==> flow/design.v <==
module u_shft_blk #(
   parameter integer WD = 12,
   parameter integer SEL_W = $clog2(WD)
) (
   input  wire clk_i,
   input  wire RST,
   input  wire [WD-1:0] val,
   input  wire [WD-1:0] db,
   input  wire [SEL_W-1:0] n,
   output reg [WD-1:0] result
);
   reg [WD-1:0] r_val;
   always @(posedge clk_i) begin
      if (RST) begin
         r_val <= 0;
      end else begin
         r_val <= val;
      end
   end
   reg [WD-1:0] r_db;
   always @(posedge clk_i) begin
      if (RST) begin
         r_db <= 0;
      end else begin
         r_db <= db;
      end
   end
   reg [SEL_W-1:0] r_n;
   always @(posedge clk_i) begin
      if (RST) begin
         r_n <= 0;
      end else begin
         r_n <= n;
      end
   end
   wire [2*WD-1:0] cur = {r_db, r_val} >> r_n;
   always @(posedge clk_i) begin
      if (RST) begin
         result <= 0;
      end else begin
         result <= cur[WD-1:0];
      end
   end
endmodule
Memo
Re: synthesis data of u_shft_blk

* Reports on u_shft_blk *
Module u_shft_blk in several versions that differ in "WD"; each step lists the members.
The RTL above is that of WD = 12; lines are counted from 1 in the file of the member named.
Operators: Yosys type, input widths -> output width; for muxes data width and select width s.
Cell names lack the library's common part.
Not given: --

set-up
  top = u_shft_blk
  clock input = clk_i
  cell library = sky130hd
  library corner = tt_025C_1v80

* Members of the sweep *
New or changed lines of each further member against the RTL above, in its own file; lines it lacks are not shown.

new or changed lines
  WD  line  RTL
  32  2     parameter integer WD = 32,
  48  2     parameter integer WD = 48,
  56  2     parameter integer WD = 56,

* Word-level counts *
Source: Yosys, flattened and elaborated, memories not mapped. Widths are those after wreduce; folded enables and synchronous resets count as part of the registers. Registers that Yosys merges into a memory's read port (data or address) are not register bits. Print and check cells do not count. Equal cells are merged and count once.

bit counts
  WD  register bits  bits of input ports  output and inout port bits  elaborated cells
  12  40             30                   12                          5
  32  101            71                   32                          5
  48  150            104                  48                          5
  56  174            120                  56                          5

cells by class
  WD  shifts and indexed selects
  12  1
  32  1
  48  1
  56  1

operator list
  WD  kinds with counts
  12  $shr 24x4->12 (1)
  32  $shr 64x5->32 (1)
  48  $shr 96x6->48 (1)
  56  $shr 112x6->56 (1)

* Longest topological paths *
Depth = most cells in a row (Yosys ltp): at word level without a register or memory, in the mapped netlist without a sequential cell, where the memories' decode and read muxes count.

depth
  WD  depth in word-level cells  ABC_AREA  gate-level depth with buffers  mapped depth without buffers
  12  1                          0         7                              4
  32  1                          0         9                              5
  48  1                          0         10                             5
  56  1                          0         10                             5

* After synthesis *
The flow's flattened synthesis, as Yosys stat reports it; memories are mapped. The netlist is that of the ABC_AREA named above (0 if unset); the other value can give another one.

cell types
  WD  type and count
  12  dfxtp_1 (40); mux2i_1 (29); nor2b_1 (30); mux4_1 (3); mux2_2 (6); mux4_2 (3); nand2_1 (9); nand3b_1 (4); a2bb2oi_1 (3); buf_2 (5); nand2b_1 (4); o22ai_1 (4); a211oi_1 (3); buf_6 (2); clkbuf_1 (6); a221o_1 (2); o21ai_0 (4); a31oi_1 (3); (+37)
  32  dfxtp_1 (100); mux2i_1 (66); mux4_2 (28); mux2_2 (44); nor2b_1 (73); nand2_1 (39); nor2_1 (36); mux4_1 (4); clkbuf_1 (26); o22ai_1 (15); a21oi_1 (18); o21ai_0 (16); a32oi_1 (8); buf_6 (5); buf_2 (11); a22oi_1 (7); o221ai_1 (6); a221o_1 (5); (+99)
  48  dfxtp_1 (150); mux4_2 (116); mux2i_1 (101); nor2b_1 (116); mux2_2 (44); nand2_1 (83); mux4_1 (9); a22oi_1 (30); nor2_1 (43); clkbuf_1 (40); o21ai_0 (30); o211ai_1 (17); buf_2 (25); o221ai_1 (14); a21oi_1 (23); nand3_1 (22); buf_6 (9); a221oi_1 (11); (+171)
  56  mux4_2 (165); dfxtp_1 (174); mux2i_1 (136); nor2b_1 (132); nand2_1 (87); mux2_2 (25); mux2_1 (17); buf_2 (38); clkbuf_1 (45); nor2_1 (38); o211ai_1 (18); a22oi_1 (17); o21ai_1 (23); o221ai_1 (12); o22ai_1 (16); a211oi_1 (12); buf_4 (12); o21ai_0 (17); (+164)

A list marked (+n) leaves out that many cells.

mapped netlist
  WD  standard cells after synthesis  mapped area (µm²)  mapped flip-flops  buffer cells
  12  197                             2024.4             40                 15
  32  606                             6069.6             100                47
  48  1054                            11129.4            150                95
  56  1148                            12664.6            174                114

* Worst setup path after synthesis *
OpenSTA on the mapped netlist: ideal clock, no wires. The path of least setup slack (recovery checks aside). Input and output delay are each 20% of the period. Register names are those of the netlist, which keeps one name where synthesis merged equal registers.

timing path after synthesis
  WD  path type             start point      end point           period (ns)  path slack (ns)  stages on the path  delay of the path (ns)  period reached after synthesis (ns)
  12  register to register  register r_n[1]  register result[3]  2.06         0.409            5                   1.651                   1.651
  32  register to register  register r_n[1]  register result[4]  2.42         0.480            9                   1.940                   1.94
  48  register to register  register r_n[0]  register result[7]  2.78         0.554            9                   2.226                   2.226
  56  register to register  register r_n[1]  register result[1]  2.91         0.587            8                   2.324                   2.323

"delay of the path" = arrival - input delay + setup time.
"stages on the path" counts driving pins, that of a launching flip-flop among them; a cell with two outputs on the path counts twice.
"period reached after synthesis" = period - worst setup slack (recovery checks aside). The figure is calculated, with input and output delays left at 20% of the set period.
The rows between start and end are the longest chain of elaborated cells between them; the timing report does not say that the signal goes this way. Where chains are equally long, one stands for them.
Each line given opens the expression or statement behind the cell; cells for indexed reads and writes are added by Yosys, which also makes memories of some case tables.

between the ends, after synthesis, WD = 12
  length of the longest elaborated chain = 1

ends and longest elaborated chain, after synthesis, WD = 12
  what             line  RTL
  start, declared  28    reg [SEL_W-1:0] r_n;
  start, assigned  31    r_n <= 0;
  start, assigned  33    r_n <= n;
  $shr 24x4->12    36    wire [2*WD-1:0] cur = {r_db, r_val} >> r_n;
  end, assigned    39    result <= 0;
  end, assigned    41    result <= cur[WD-1:0];
  end, declared    10    output reg [WD-1:0] result

between the ends, after synthesis, WD = 56
  length of the longest elaborated chain = 1

ends and longest elaborated chain, after synthesis, WD = 56
  what             line  RTL
  start, declared  28    reg [SEL_W-1:0] r_n;
  start, assigned  31    r_n <= 0;
  start, assigned  33    r_n <= n;
  $shr 112x6->56   36    wire [2*WD-1:0] cur = {r_db, r_val} >> r_n;
  end, assigned    39    result <= 0;
  end, assigned    41    result <= cur[WD-1:0];
  end, declared    10    output reg [WD-1:0] result

* Worst path after layout *
From the final timing report of each member's run: the path of least setup slack in the routed layout; clock arrival at registers is part of the times.

timing path post-layout
  WD  path type             start point      end point            period (ns)  path slack (ns)  stages on the path  arrival time (ns)  path buffers
  12  register to register  register r_n[1]  register result[3]   2.06         0.18             6                   2.06               1
  32  register to register  register r_n[1]  register result[21]  2.42         0.15             7                   2.57               1
  48  register to register  register r_n[3]  register result[34]  2.78         0.03             7                   3.03               1
  56  register to register  register r_n[1]  register result[55]  2.91         0.07             9                   3.14               3

* Measured runs *
One run of the flow (Yosys, OpenROAD) for each member, with settings and measured results. Input and output delays are each 20% of the period that was set; the output load is 0.01 pF.

flow settings
  CAP_MARGIN = 20
  CORE_MARGIN = 2
  CORE_UTILIZATION = 40
  SLEW_MARGIN = 20

settings by member
  WD  period_ns
  12  2.06
  32  2.42
  48  2.78
  56  2.91

results
  WD  mapped cell area after synthesis (µm²)  area inside the die boundary (µm²)  standard-cell area after layout (µm²)  final utilization (%)  setup slack of the worst path (ns)  reached clock period (ns)
  12  2024.4                                  5646.0                              2638.8                                 54.8                   0.180                               1.880
  32  6069.6                                  16174.8                             7801.2                                 51.9                   0.145                               2.275
  48  11129.4                                 29174.3                             14292.5                                51.9                   0.032                               2.748
  56  12664.6                                 33100.3                             16215.6                                51.7                   0.066                               2.844

"reached clock period" means the clock period less the worst setup slack. The figure is calculated, with input and output delays left at 20% of the set period.
